==> flow/design.v <==
module alu_chooser #(
    parameter integer DATA_WIDTH = 48,
    parameter integer WAYS = 2,
    parameter integer LOGN = $clog2(WAYS)
) (
    input  wire clk_i,
    input  wire resetn,
    input  wire [WAYS*DATA_WIDTH-1:0] din_i,
    input  wire [LOGN-1:0] select_i,
    output wire [DATA_WIDTH-1:0] result_o
);
    reg [WAYS*DATA_WIDTH-1:0] din_reg;
    reg [LOGN-1:0] select_reg;
    always @(posedge clk_i) begin
        if (!resetn) begin
            din_reg <= 0;
            select_reg <= 0;
        end else begin
            din_reg <= din_i;
            select_reg <= select_i;
        end
    end
    wire [DATA_WIDTH-1:0] nd [1:2*WAYS-1];
    genvar i;
    generate
        for (i = 0; i < WAYS; i = i + 1) begin : gen
            assign nd[WAYS+i] = din_reg[i*DATA_WIDTH +: DATA_WIDTH];
        end
        for (i = 1; i < WAYS; i = i + 1) begin : blk
            assign nd[i] = select_reg[LOGN - $clog2(i+1)] ? nd[2*i+1] : nd[2*i];
        end
    endgenerate
    reg [DATA_WIDTH-1:0] result_reg;
    always @(posedge clk_i) begin
        if (!resetn) begin
            result_reg <= 0;
        end else begin
            result_reg <= nd[1];
        end
    end
    assign result_o = result_reg;
endmodule
* Tool chain data of alu_chooser
The steps from the RTL of alu_chooser to its reports follow in flow order.
Line numbers count from 1 in the design file above.
A cell with n/a has no value.
- Top :: alu_chooser
- Clock port :: clk_i
- Standard-cell library :: sky130hd
- Corner :: tt_025C_1v80

* Word level
Counts by Yosys on the flattened word-level netlist (proc, flatten, opt, wreduce). Print and check cells are left out. Cells with the same type and inputs are merged into one.
- Output and inout port bits :: 48
- Word-level cells :: 4
- Register bits after elaboration :: 145
- Mux-type cells :: 1
** Operators with widths (number)
- two-way mux 48 bit :: 1

* Depth
Depth = most cells in a row (Yosys ltp): at word level without a register or memory, in the mapped netlist without a sequential cell, where the memories' decode and read muxes count.
- Word-level depth :: 1
- ABC_AREA :: 0
- Depth in mapped cells :: 5
- Gate-level depth less buffers :: 2

* Synthesis result
Source: synth_stat.txt of the flow (Yosys; design flattened, memories mapped). It holds for the ABC_AREA given above (unset counts as 0); a run with the other value may have another netlist.
The area totals of this step are shown rounded.
** Cells by type (number)
- sky130_fd_sc_hd__dfxtp_1 :: 145
- sky130_fd_sc_hd__and2_1 :: 97
- sky130_fd_sc_hd__mux2i_1 :: 48
- sky130_fd_sc_hd__nor2b_1 :: 48
- sky130_fd_sc_hd__buf_12 :: 3
- sky130_fd_sc_hd__clkbuf_1 :: 9
- sky130_fd_sc_hd__buf_2 :: 6
- sky130_fd_sc_hd__buf_4 :: 3
- sky130_fd_sc_hd__buf_6 :: 1
- Buffers :: 22
- Flip-flops :: 145
- Synthesis area :: 4450 um2
- Cell count :: 360

* Timing after synthesis
Path of least setup slack by OpenSTA after synthesis, without wires, with an ideal clock, recovery checks aside; 20% of the period is set as input and as output delay. Where synthesis merged equal registers, the netlist keeps one of their names.
- Path type :: reg2reg
- Start :: reg select_reg
- End :: reg result_reg[27]
- Arrival :: 0.884 ns
- Period :: 1.25 ns
- Library setup time :: 0.116 ns
- Launch time at the first pin :: 0.000 ns
- Stages :: 6
- Slack :: 0.250 ns
- Path delay :: 1.000 ns
- Synthesis period reached :: 1.0 ns
"path delay" is the arrival time less input delay plus setup time.
"stages": output pins that drive a net of the path, with the launching flip-flop's if there is one; two outputs of one cell count as two.
"synthesis period reached" is the clock period less the worst setup slack; recovery checks do not enter. This is arithmetic on one report: input and output delays are still those of the set period (20% each).
Between the ends stands the longest chain of elaborated cells between them, by number of cells; it is not shown to be the way that was timed. Of several equally long chains one is given.
Each line given opens the expression or statement behind the cell; cells for indexed reads and writes are added by Yosys, which also makes memories of some case tables.
- Path through :: sky130_fd_sc_hd__dfxtp_1 -> sky130_fd_sc_hd__buf_6 -> sky130_fd_sc_hd__buf_12 -> sky130_fd_sc_hd__buf_12 -> sky130_fd_sc_hd__mux2i_1 -> sky130_fd_sc_hd__nor2b_1
- Cells in the longest elaborated chain :: 1
- Elaborated cells between the ends (all ways) :: 1
- RTL lines with such cells :: 1
** RTL lines, path post-synthesis
- start, declared :: line 13 : reg [LOGN-1:0] select_reg;
- start, assigned :: line 17 : select_reg <= 0;
- start, assigned :: line 20 : select_reg <= select_i;
- two-way mux 48 bit :: line 30 : assign nd[i] = select_reg[LOGN - $clog2(i+1)] ? nd[2*i+1] : nd[2*i];
- end, assigned :: line 36 : result_reg <= 0;
- end, assigned :: line 38 : result_reg <= nd[1];
- end, declared :: line 33 : reg [DATA_WIDTH-1:0] result_reg;

* Worst path after layout
Path of least setup slack in the final report of job 2 (OpenROAD, finished layout, wires in). Where an end is a register, its clock arrival counts in the times.
- Path type :: reg2out
- Start :: reg result_reg[43]
- End :: out result_o[43]
- Launch time at the first pin :: 0.52 ns
- Arrival :: 1.14 ns
- Period :: 1.46 ns
- Stages :: 2
- Slack :: 0.03 ns
- Path through :: sky130_fd_sc_hd__dfxtp_1 -> sky130_fd_sc_hd__dlygate4sd2_1
- Cells in the longest elaborated chain :: 0
- Elaborated cells between the ends (all ways) :: 0
- RTL lines with such cells :: 0
** RTL lines, path after layout
- start, declared :: line 33 : reg [DATA_WIDTH-1:0] result_reg;
- start, assigned :: line 36 : result_reg <= 0;
- start, assigned :: line 38 : result_reg <= nd[1];
- end, declared :: line 10 : output wire [DATA_WIDTH-1:0] result_o

Top module alu_chooser; platform sky130hd; tools Yosys and OpenROAD; 3 stored runs in no particular order. Input and output delays are each 20% of the period that was set; the output load is 0.01 pF.
"achieved clock period" is the run's clock period less its worst setup slack. It is reckoned from that one timing run; input and output delays stay at 20% of the period that was set.
Measured values are rounded.

* Job 1
** Files
==> flow/run.sh <==
#!/bin/bash
# the make line also repeats the synthesis and layout settings of config.mk as NAME=value (left out here)
make -C /OpenROAD-flow-scripts/flow DESIGN_CONFIG=/design/flow/config.mk WORK_HOME=/design/flow/orfs CLKGATE_MAP_FILE= finish
==> flow/config.mk <==
export PLATFORM = sky130hd
export DESIGN_NAME = alu_chooser
export DESIGN_NICKNAME = alu_chooser
export VERILOG_FILES = /design/flow/design.v
export SDC_FILE = /design/flow/constraint.sdc
export NUM_CORES = 4
export LEC_CHECK = 0
export CAP_MARGIN = 30
export CELL_PAD_IN_SITES_DETAIL_PLACEMENT = 2
export CELL_PAD_IN_SITES_GLOBAL_PLACEMENT = 0
export CORE_MARGIN = 2
export CORE_UTILIZATION = 40
export CTS_CLUSTER_DIAMETER = 359
export GPL_TIMING_DRIVEN = 0
export MIN_ROUTING_LAYER = met2
export PLACE_DENSITY_LB_ADDON = 0.14
export SETUP_SLACK_MARGIN = 0.36
export SLEW_MARGIN = 20
export TNS_END_PERCENT = 85
==> flow/constraint.sdc <==
create_clock -name core_clock -period 1.53 [get_ports {clk_i}]
set_input_delay 0.3060 -clock core_clock [delete_from_list [all_inputs] [get_ports {clk_i}]]
set_output_delay 0.3060 -clock core_clock [all_outputs]
set_load 0.01 [all_outputs]
** Results
Did not finish, clock tree synthesis stopped with DPL-0033.

* Job 2
** Files
==> flow/run.sh <==
#!/bin/bash
# the make line also repeats the synthesis and layout settings of config.mk as NAME=value (left out here)
make -C /OpenROAD-flow-scripts/flow DESIGN_CONFIG=/design/flow/config.mk WORK_HOME=/design/flow/orfs CLKGATE_MAP_FILE= finish
==> flow/config.mk <==
export PLATFORM = sky130hd
export DESIGN_NAME = alu_chooser
export DESIGN_NICKNAME = alu_chooser
export VERILOG_FILES = /design/flow/design.v
export SDC_FILE = /design/flow/constraint.sdc
export NUM_CORES = 4
export LEC_CHECK = 0
export CAP_MARGIN = 20
export CELL_PAD_IN_SITES_GLOBAL_PLACEMENT = 0
export CORE_MARGIN = 2
export CORE_UTILIZATION = 53
export GPL_ROUTABILITY_DRIVEN = 0
export GPL_TIMING_DRIVEN = 0
export MAX_ROUTING_LAYER = met5
export MIN_ROUTING_LAYER = met2
export PLACE_DENSITY_LB_ADDON = 0.11
export SLEW_MARGIN = 5
==> flow/constraint.sdc <==
create_clock -name core_clock -period 1.46 [get_ports {clk_i}]
set_input_delay 0.2920 -clock core_clock [delete_from_list [all_inputs] [get_ports {clk_i}]]
set_output_delay 0.2920 -clock core_clock [all_outputs]
set_load 0.01 [all_outputs]
** Results
- Synthesized cell area :: 4450 um2
- Die footprint :: 9140 um2
- Utilization after routing :: 80.8%
- Setup slack of the worst path :: 0.030 ns
- Summed negative setup slack :: 0.000 ns
- Lowest hold slack :: 0.305 ns
- Achieved clock period :: 1.430 ns

* Job 3
** Files
==> flow/run.sh <==
#!/bin/bash
# the make line also repeats the synthesis and layout settings of config.mk as NAME=value (left out here)
make -C /OpenROAD-flow-scripts/flow DESIGN_CONFIG=/design/flow/config.mk WORK_HOME=/design/flow/orfs CLKGATE_MAP_FILE= finish
==> flow/config.mk <==
export PLATFORM = sky130hd
export DESIGN_NAME = alu_chooser
export DESIGN_NICKNAME = alu_chooser
export VERILOG_FILES = /design/flow/design.v
export SDC_FILE = /design/flow/constraint.sdc
export NUM_CORES = 4
export LEC_CHECK = 0
export CAP_MARGIN = 20
export CORE_MARGIN = 2
export CORE_UTILIZATION = 40
export SLEW_MARGIN = 20
==> flow/constraint.sdc <==
create_clock -name core_clock -period 1.25 [get_ports {clk_i}]
set_input_delay 0.2500 -clock core_clock [delete_from_list [all_inputs] [get_ports {clk_i}]]
set_output_delay 0.2500 -clock core_clock [all_outputs]
set_load 0.01 [all_outputs]
** Results
- Synthesized cell area :: 4450 um2
- Die footprint :: 12000 um2
- Utilization after routing :: 58.9%
- Setup slack of the worst path :: 0.048 ns
- Summed negative setup slack :: 0.000 ns
- Lowest hold slack :: 0.254 ns
- Achieved clock period :: 1.202 ns
